==> flow/design.v <==
module sync_sum_block_v2 #(
   parameter XLEN = 64,
   parameter SLICE = 4
) (
   input aclk,
   input RSTN,
   input [XLEN-1:0] in_src1,
   input [XLEN-1:0] in_src2,
   input in_cy_in,
   output [XLEN-1:0] out_sum,
   output out_ovf
);
   reg [XLEN-1:0] src1_d1;
   reg [XLEN-1:0] src2_d1;
   reg cy_in_d1;
   always @(posedge aclk or negedge RSTN) begin
      if (!RSTN) begin
         src1_d1 <= 0;
         src2_d1 <= 0;
         cy_in_d1 <= 1'b0;
      end else begin
         src1_d1 <= in_src1;
         src2_d1 <= in_src2;
         cy_in_d1 <= in_cy_in;
      end
   end
   localparam NG = XLEN / SLICE;
   wire [XLEN-1:0] val;
   wire [NG:0] cy;
   assign cy[0] = cy_in_d1;
   genvar ii;
   generate
      for (ii = 0; ii < NG; ii = ii + 1) begin : row
         wire [SLICE:0] s0 = src1_d1[ii*SLICE +: SLICE] + src2_d1[ii*SLICE +: SLICE];
         wire [SLICE:0] s1 = src1_d1[ii*SLICE +: SLICE] + src2_d1[ii*SLICE +: SLICE] + 1'b1;
         assign {cy[ii+1], val[ii*SLICE +: SLICE]} = cy[ii] ? s1 : s0;
      end
   endgenerate
   reg [XLEN-1:0] sum_d1;
   always @(posedge aclk or negedge RSTN) begin
      if (!RSTN) begin
         sum_d1 <= 0;
      end else begin
         sum_d1 <= val;
      end
   end
   assign out_sum = sum_d1;
   reg ovf_d1;
   always @(posedge aclk or negedge RSTN) begin
      if (!RSTN) begin
         ovf_d1 <= 1'b0;
      end else begin
         ovf_d1 <= cy[NG];
      end
   end
   assign out_ovf = ovf_d1;
endmodule
[Reports on sync_sum_block_v2]
What the tools print for sync_sum_block_v2, step after step.
Line numbers count from 1 in the design file above.
Library cell names are shortened.
Not given: --
Inputs
  top module: sync_sum_block_v2
  clock port: aclk
  cell library: sky130hd
  timing corner: tt_025C_1v80

[Elaborated design]
Counts by Yosys on the flattened word-level netlist (proc, flatten, opt, wreduce; memories kept). Register bits leave out memories and registers merged into their read ports (data or address); mux counts leave out enables and synchronous resets folded into registers. Print and check cells are left out. Cells with the same type and inputs are merged into one.
Word-level totals
  word-level cells: 53
  register bits after elaboration: 194
Cells by class
  mux-type cells: 16
  add/sub/neg operators: 32
Operators by type and width (number)
  4-bit by 4-bit adder with 5-bit output: 16
  5-bit by 1-bit adder with 5-bit output (second input constant): 16
  5-bit two-way mux: 16

[Longest topological paths]
Longest topological path by Yosys (ltp), each cell counted once; first at word level (registers and memories cut), then after technology mapping (sequential cells cut; the memories' decode and read muxes count).
Depth
  depth after elaboration: 18
  ABC_AREA: 0
  mapped depth: 22
  depth with buffers taken out: 22

[Mapped cells and area]
Source: synth_stat.txt of the flow (Yosys; design flattened, memories mapped). It holds for the ABC_AREA given above (unset counts as 0); a run with the other value may have another netlist.
The area totals of this step are shown rounded.
Cell types
  dfrtp_1: number 194, total area 4.85E+03 µm²
  ha_1: number 80, total area 1000.96 µm²
  xnor2_1: number 63, total area 551.779 µm²
  fa_1: number 16, total area 320.307 µm²
  xor2_1: number 33, total area 289.027 µm²
  a21o_1: number 31, total area 232.723 µm²
  a21oi_1: number 32, total area 160.154 µm²
  mux2i_1: number 15, total area 150.144 µm²
  mux2_2: number 11, total area 123.869 µm²
  nand4_1: number 18, total area 112.608 µm²
  nand2_1: number 21, total area 78.826 µm²
  nand3b_1: number 10, total area 75.072 µm²
  and2_2: number 8, total area 60.058 µm²
  nand4b_1: number 6, total area 52.55 µm²
  mux2_1: number 4, total area 45.043 µm²
  nand3_1: number 9, total area 45.043 µm²
  nand4bb_1: number 2, total area 22.522 µm²
  o31ai_4: number 1, total area 21.27 µm²
Other cell types: 18; their cells: 25.
Synthesis totals
  sequential part of the area: 4850 µm²
  cell count: 579
  mapped flip-flops: 194
  buffer cells: 1
  chip area (Yosys): 8400 µm²

[Timing after synthesis]
OpenSTA on the mapped netlist: ideal clock, no wires. The path of least setup slack (recovery checks aside). Input and output delay are each 20% of the period. Register names are those of the netlist, which keeps one name where synthesis merged equal registers.
Timing post-synthesis
  path kind: register to register
  start point: register src1_d1[0]
  end point: register sum_d1[61]
  delay of the path: 6801 ps
  stages: 22
  data arrival time: 6673 ps
  library setup time: 128 ps
  setup slack: 1699 ps
  buffers on the path: 0
  period: 8500 ps
  synthesis period reached: 6801 ps
"delay of the path" is the arrival time less input delay plus setup time.
"stages" counts driving pins, that of a launching flip-flop among them; a cell with two outputs on the path counts twice.
"synthesis period reached" = period - worst setup slack (recovery checks aside). The figure is calculated, with input and output delays left at 20% of the set period.
Between the ends stands the longest chain of elaborated cells between them, by number of cells; it is not shown to be the way that was timed. Of several equally long chains one is given.
A line is the first line of the expression or statement that the cell stems from. Yosys adds cells for indexed reads and writes and turns some case tables into memories.
On the way, post-synthesis
  cells stage by stage: dfrtp_1 > ha_1 > fa_1 > ha_1 > and3_2 > a31o_2 > a221oi_2 > mux2i_1 > mux2i_1 > mux2i_1 > mux2i_1 > mux2i_1 > mux2i_1 > mux2i_1 > mux2i_1 > mux2i_1 > mux2i_1 > mux2i_1 > mux2i_1 > mux2i_2 > xnor2_1 > mux2_1
  cells in the longest elaborated chain: 18
  elaborated cells on any way between the ends: 18
  those cells by class: add/sub (2); mux (16)
Ends and longest elaborated chain, post-synthesis
  start, declared: line 13  | reg [XLEN-1:0] src1_d1;
  start, assigned: line 18  | src1_d1 <= 0;
  start, assigned: line 22  | src1_d1 <= in_src1;
  4-bit by 4-bit adder with 5-bit output: line 35  | wire [SLICE:0] s1 = src1_d1[ii*SLICE +: SLICE] + src2_d1[ii*SLICE +: SLICE] + 1'b1;
  5-bit by 1-bit adder with 5-bit output: line 35
  5-bit two-way mux x16: line 36  | assign {cy[ii+1], val[ii*SLICE +: SLICE]} = cy[ii] ? s1 : s0;
  end, assigned: line 42  | sum_d1 <= 0;
  end, assigned: line 44  | sum_d1 <= val;
  end, declared: line 39  | reg [XLEN-1:0] sum_d1;

[Path in the finished layout]
From the final timing report of record 1: the path of least setup slack in the routed layout; clock arrival at registers is part of the times.
The report prints the path's times to 10 ps; the period is as set.
Timing post-layout
  path kind: register to register
  start point: register src1_d1[0]
  end point: register sum_d1[61]
  library setup time: 110 ps
  stages: 23
  setup slack: 750 ps
  data arrival time: 8060 ps
  buffers on the path: 0
  period: 8500 ps
Between the ends stands the longest chain of elaborated cells between them, by number of cells; it is not shown to be the way that was timed. Of several equally long chains one is given.
On the way, post-layout
  cells stage by stage: dfrtp_1 > ha_1 > fa_1 > ha_1 > nand2_1 > o21ai_0 > nand4_2 > a221oi_2 > mux2i_1 > mux2i_1 > mux2i_1 > mux2i_1 > mux2i_1 > mux2i_1 > mux2i_1 > mux2i_1 > mux2i_1 > mux2i_1 > mux2i_1 > mux2i_1 > mux2i_2 > xnor2_1 > mux2_1
  cells in the longest elaborated chain: 18
  elaborated cells on any way between the ends: 18
  those cells by class: add/sub (2); mux (16)
Ends and longest elaborated chain, post-layout
  start, declared: line 13  | reg [XLEN-1:0] src1_d1;
  start, assigned: line 18  | src1_d1 <= 0;
  start, assigned: line 22  | src1_d1 <= in_src1;
  4-bit by 4-bit adder with 5-bit output: line 35  | wire [SLICE:0] s1 = src1_d1[ii*SLICE +: SLICE] + src2_d1[ii*SLICE +: SLICE] + 1'b1;
  5-bit by 1-bit adder with 5-bit output: line 35
  5-bit two-way mux x16: line 36  | assign {cy[ii+1], val[ii*SLICE +: SLICE]} = cy[ii] ? s1 : s0;
  end, assigned: line 42  | sum_d1 <= 0;
  end, assigned: line 44  | sum_d1 <= val;
  end, declared: line 39  | reg [XLEN-1:0] sum_d1;

Data sheet: physical implementation of sync_sum_block_v2

Stored flow runs of sync_sum_block_v2 (3 of them; Yosys, OpenROAD, sky130hd). They differ in their settings and are not a sequence. Constraints: input delay and output delay 20% of the set period each, output load 0.01 pF.
"critical path time": the worst setup path's part of the clock period (all of it between registers, 20% less for each end at a port) less its slack. A launch clock that arrives late makes it longer, a capture clock that arrives late makes it shorter.
"power": no workload was simulated; the value follows from the tool's default switching activity.
"critical path time" is known to 10 ps.
The measured numbers are rounded.

==> record 1: settings <==
{ "period_ns": 8.5, "CAP_MARGIN": 20, "CORE_MARGIN": 2, "CORE_UTILIZATION": 40, "SLEW_MARGIN": 20 }
==> record 1: results <==
chip area after synthesis (Yosys): 8400 µm²
area of the die: 22200 µm²
post-layout utilization: 54.3%
lowest setup slack: 751 ps
post-route setup TNS: 0 ps
power: 0.00248 W
critical path time: 7750 ps
critical path kind: register to register

==> record 2: settings <==
{ "period_ns": 4.42, "CORE_UTILIZATION": 44, "SETUP_SLACK_MARGIN": -0.11, "PLACE_DENSITY_LB_ADDON": 0.12, "CELL_PAD_IN_SITES_GLOBAL_PLACEMENT": 0, "CELL_PAD_IN_SITES_DETAIL_PLACEMENT": 2, "TNS_END_PERCENT": 40, "ABC_AREA": 1, "CAP_MARGIN": 5, "MIN_ROUTING_LAYER": "met2", "CORE_MARGIN": 2, "SLEW_MARGIN": 20 }
==> record 2: results <==
stopped before the end: clock tree synthesis reported DPL-0033

==> record 3: settings <==
{ "period_ns": 9.92, "CORE_UTILIZATION": 18, "SETUP_SLACK_MARGIN": 2.73, "PLACE_DENSITY_LB_ADDON": 0.15, "CELL_PAD_IN_SITES_GLOBAL_PLACEMENT": 0, "CELL_PAD_IN_SITES_DETAIL_PLACEMENT": 1, "ABC_AREA": 1, "CTS_CLUSTER_SIZE": 95, "CTS_CLUSTER_DIAMETER": 151, "MIN_ROUTING_LAYER": "met2", "CAP_MARGIN": 20, "CORE_MARGIN": 2, "SLEW_MARGIN": 20 }
==> record 3: results <==
chip area after synthesis (Yosys): 8730 µm²
area of the die: 50300 µm²
post-layout utilization: 25.3%
lowest setup slack: 5570 ps
post-route setup TNS: 0 ps
power: 0.00241 W
critical path time: 4350 ps
critical path kind: register to register
